==> flow/design.v <==
module alu_mult #(
    parameter int XLEN = 4
) (
    input logic CLK,
    input logic RST,
    input logic [XLEN-1:0] i_dataa,
    output logic [2*XLEN-1:0] o_m
);
    logic [XLEN-1:0] dataa_q;
    always_ff @(posedge CLK) begin
        if (RST) begin
            dataa_q <= 0;
            o_m <= 0;
        end else begin
            dataa_q <= i_dataa;
            o_m <= dataa_q * dataa_q;
        end
    end
endmodule
# Reports on alu_mult
# Module alu_mult in several versions that differ in "XLEN"; each step lists the members.
# The RTL above is that of XLEN 4; lines are counted from 1 in the file of the member named.
# Operators: Yosys type, input widths -> output width; for muxes data width and select width s.
# Cell names lack the library's common part.
# A cell with - has no value.
dict set report setup {
  design {alu_mult}
  clock {CLK}
  library {sky130hd}
  pvt_corner {tt_025C_1v80}
}

# Members of the sweep
# Lines of each other member's file that are new or changed against the file above; lines that a member lacks are not shown.
# XLEN line
set changed_lines {}
lappend changed_lines {8 2} ;# parameter int XLEN = 8
lappend changed_lines {10 2} ;# parameter int XLEN = 10
lappend changed_lines {16 2} ;# parameter int XLEN = 16
lappend changed_lines {32 2} ;# parameter int XLEN = 32

# Word level
# Source: Yosys, flattened and elaborated, memories not mapped. Widths are those after wreduce; folded enables and synchronous resets count as part of the registers. Registers that Yosys merges into a memory's read port (data or address) are not register bits. Print and check cells do not count. Equal cells are merged and count once.
# XLEN mul
set op_classes {}
lappend op_classes {4 1}
lappend op_classes {8 1}
lappend op_classes {10 1}
lappend op_classes {16 1}
lappend op_classes {32 1}
# XLEN op_list
set ops {}
lappend ops {4 {$mul 4x4->8 (1)}}
lappend ops {8 {$mul 8x8->16 (1)}}
lappend ops {10 {$mul 10x10->20 (1)}}
lappend ops {16 {$mul 16x16->32 (1)}}
lappend ops {32 {$mul 32x32->64 (1)}}
# XLEN ff_bits inputBits out_inout_bits word_cells
set bits {}
lappend bits {4 12 6 8 3}
lappend bits {8 24 10 16 3}
lappend bits {10 30 12 20 3}
lappend bits {16 48 18 32 3}
lappend bits {32 96 34 64 3}

# Longest topological paths
# Yosys ltp: most cells in a row. Word level: on the elaborated netlist, between registers, memories and ports. Mapped: between sequential cells and ports; inverters and the memories' decode and read muxes count.
# XLEN word_depth abc_area depth_mapped mapped_depth_nobuf
set depth {}
lappend depth {4 1 0 7 7}
lappend depth {8 1 0 16 15}
lappend depth {10 1 0 19 17}
lappend depth {16 1 0 23 22}
lappend depth {32 1 0 29 26}

# Netlist
# The flow's flattened synthesis, as Yosys stat reports it; memories are mapped. The netlist is that of the ABC_AREA named above (0 if unset); the other value can give another one.
# The area totals of this step are shown rounded.
# XLEN type_list
set by_type {}
lappend by_type {4 {dfxtp_1 (11); ha_1 (3); nor2b_1 (6); and2_1 (5); fa_1 (1); a21oi_1 (3); nand4_1 (2); o311a_1 (1); a22o_1 (1); and3b_1 (1); xnor2_1 (1); a21boi_1 (1); buf_4 (1); inv_1 (2); nor2_1 (2); nor3b_1 (1); and3_1 (1); nand3_1 (1); (+3)}}
lappend by_type {8 {fa_1 (25); dfxtp_1 (23); ha_1 (30); inv_1 (50); and2_1 (19); xnor2_1 (10); nor2b_1 (13); nor2_1 (16); nand2_1 (11); a21oi_1 (7); xor2_1 (4); nor3b_1 (3); nand3_1 (4); o21ai_0 (4); a21oi_2 (2); a21o_1 (2); clkbuf_1 (4); o21a_1 (2); (+22)}}
lappend by_type {10 {fa_1 (47); ha_1 (49); dfxtp_1 (29); inv_1 (84); and2_1 (24); nor2b_1 (17); nand2_1 (28); xnor2_1 (9); nor2_1 (16); a21o_1 (7); nor3_1 (10); clkbuf_1 (13); o21a_1 (6); a21oi_1 (7); mux2_1 (3); and3_1 (5); a221oi_4 (1); and4_1 (3); (+54)}}
lappend by_type {16 {fa_1 (162); ha_1 (102); inv_1 (251); dfxtp_1 (47); nand2_1 (88); and2_1 (38); nor2_1 (54); nor2b_1 (28); a21oi_1 (31); xnor2_1 (16); a21o_1 (17); xor2_1 (14); clkbuf_1 (26); nand4_1 (10); mux2_2 (4); o21ai_0 (9); a31oi_1 (7); a31o_2 (4); (+56)}}
lappend by_type {32 {fa_1 (792); ha_1 (299); inv_1 (978); dfxtp_1 (95); and2_1 (245); nand2_1 (297); clkbuf_1 (140); xnor2_1 (51); a21oi_1 (85); nor2_1 (113); xor2_1 (46); nor2b_1 (46); a21o_1 (31); o21ai_0 (42); nand4_1 (23); o21bai_1 (18); a31o_2 (13); nand3_1 (17); (+123)}}
# The mark (+n) counts cells that are not listed.
# XLEN stdcells synth_area_um2 seqArea_um2 flip_flops n_buf
set mapped {}
lappend mapped {4 47 472 220 11 2}
lappend mapped {8 251 2280 460 23 5}
lappend mapped {10 412 3710 581 29 16}
lappend mapped {16 964 8660 941 47 33}
lappend mapped {32 3454 32100 1900 95 148}

# Timing after synthesis
# Path of least setup slack by OpenSTA after synthesis, without wires, with an ideal clock, recovery checks aside; 20% of the period is set as input and as output delay. Where synthesis merged equal registers, the netlist keeps one of their names.
# XLEN path_type from to tclk_ps path_slack_ps driving_pins delay_ps synth_period_reached_ps
set synth_path {}
lappend synth_path {4 {register to register} {register dataa_q[2]} {register o_m[7]} 1800 362 8 1438 1438}
lappend synth_path {8 {register to register} {register dataa_q[5]} {register o_m[13]} 5190 1038 14 4152 4152}
lappend synth_path {10 {register to register} {register dataa_q[1]} {register o_m[18]} 6040 1204 16 4836 4836}
lappend synth_path {16 {register to register} {register dataa_q[4]} {register o_m[28]} 7280 1460 22 5820 5820}
lappend synth_path {32 {register to register} {register dataa_q[27]} {register o_m[56]} 9330 1865 28 7466 7465}
# "delay_ps" is the arrival time less input delay plus setup time.
# "driving_pins" counts driving pins, that of a launching flip-flop among them; a cell with two outputs on the path counts twice.
# "synth_period_reached_ps" = period - worst setup slack (recovery checks aside). The figure is calculated, with input and output delays left at 20% of the set period.
# The rows between start and end are the longest chain of elaborated cells between them; the timing report does not say that the signal goes this way. Where chains are equally long, one stands for them.
# Each line given opens the expression or statement behind the cell; cells for indexed reads and writes are added by Yosys, which also makes memories of some case tables.
dict set report synth_between_XLEN_4 {
  elab_chain_cells 1
}
# item line
set synth_lines_XLEN_4 {}
lappend synth_lines_XLEN_4 {{from (decl)} 9} ;# logic [XLEN-1:0] dataa_q;
lappend synth_lines_XLEN_4 {{from (assign)} 12} ;# dataa_q <= 0;
lappend synth_lines_XLEN_4 {{from (assign)} 15} ;# dataa_q <= i_dataa;
lappend synth_lines_XLEN_4 {{$mul 4x4->8} 16} ;# o_m <= dataa_q * dataa_q;
lappend synth_lines_XLEN_4 {{to (assign)} 13} ;# o_m <= 0;
lappend synth_lines_XLEN_4 {{to (assign)} 16}
lappend synth_lines_XLEN_4 {{to (decl)} 7} ;# output logic [2*XLEN-1:0] o_m
dict set report synth_between_XLEN_32 {
  elab_chain_cells 1
}
# item line
set synth_lines_XLEN_32 {}
lappend synth_lines_XLEN_32 {{from (decl)} 9} ;# logic [XLEN-1:0] dataa_q;
lappend synth_lines_XLEN_32 {{from (assign)} 12} ;# dataa_q <= 0;
lappend synth_lines_XLEN_32 {{from (assign)} 15} ;# dataa_q <= i_dataa;
lappend synth_lines_XLEN_32 {{$mul 32x32->64} 16} ;# o_m <= dataa_q * dataa_q;
lappend synth_lines_XLEN_32 {{to (assign)} 13} ;# o_m <= 0;
lappend synth_lines_XLEN_32 {{to (assign)} 16}
lappend synth_lines_XLEN_32 {{to (decl)} 7} ;# output logic [2*XLEN-1:0] o_m

# Worst path after layout
# From the final timing report of the run of each member: the path of least setup slack in the routed layout; clock arrival at registers is part of the times.
# The report prints the path's times to 10 ps; the period is as set.
# XLEN path_type from to tclk_ps path_slack_ps driving_pins arrival_time_ps path_buffers
set layout_path {}
lappend layout_path {4 {register to register} {register dataa_q[2]} {register o_m[7]} 1800 200 8 1760 0}
lappend layout_path {8 {register to register} {register dataa_q[5]} {register o_m[13]} 5190 620 14 4730 0}
lappend layout_path {10 {register to register} {register dataa_q[1]} {register o_m[18]} 6040 880 15 5340 0}
lappend layout_path {16 {register to register} {register dataa_q[12]} {register o_m[28]} 7280 800 21 6660 0}
lappend layout_path {32 {register to register} {register dataa_q[11]} {register o_m[56]} 9330 870 26 8760 1}

# Layout results
# One run of the flow (Yosys, OpenROAD) for each member, with settings and measured results. Input and output delays are each 20% of the period that was set; the output load is 0.01 pF.
dict set report settings {
  CAP_MARGIN 20
  CORE_MARGIN 2
  CORE_UTILIZATION 40
  SLEW_MARGIN 20
}
# XLEN period_ns
set settings_by_member {}
lappend settings_by_member {4 1.8}
lappend settings_by_member {8 5.19}
lappend settings_by_member {10 6.04}
lappend settings_by_member {16 7.28}
lappend settings_by_member {32 9.33}
# XLEN post_synth_area_um2 design.die.area_um2 layout_stdcell_area_um2 layout_utilization_pct setup_worst_slack_ps setup_tns_ps timing.hold.ws_ps power_uw period_less_ws_ps
set results {}
lappend results {4 472 1470 624 56.2 199 0 503 479 1601}
lappend results {8 2280 6320 2640 48.0 622 0 649 493 4568}
lappend results {10 3710 10100 4190 46.0 881 0 683 711 5159}
lappend results {16 8660 22800 9510 44.9 799 0 712 1540 6481}
lappend results {32 32100 82600 34600 43.7 875 0 951 7770 8455}
# By "period_less_ws_ps" is meant the clock period of the run minus its worst setup slack. This is arithmetic on one report: input and output delays are still those of the set period (20% each).
# By "power_uw" is meant OpenSTA's value without simulated activity: inputs other than the clock are taken to toggle once in ten clock periods, and the tool carries that through the logic.
# Measured values are rounded.
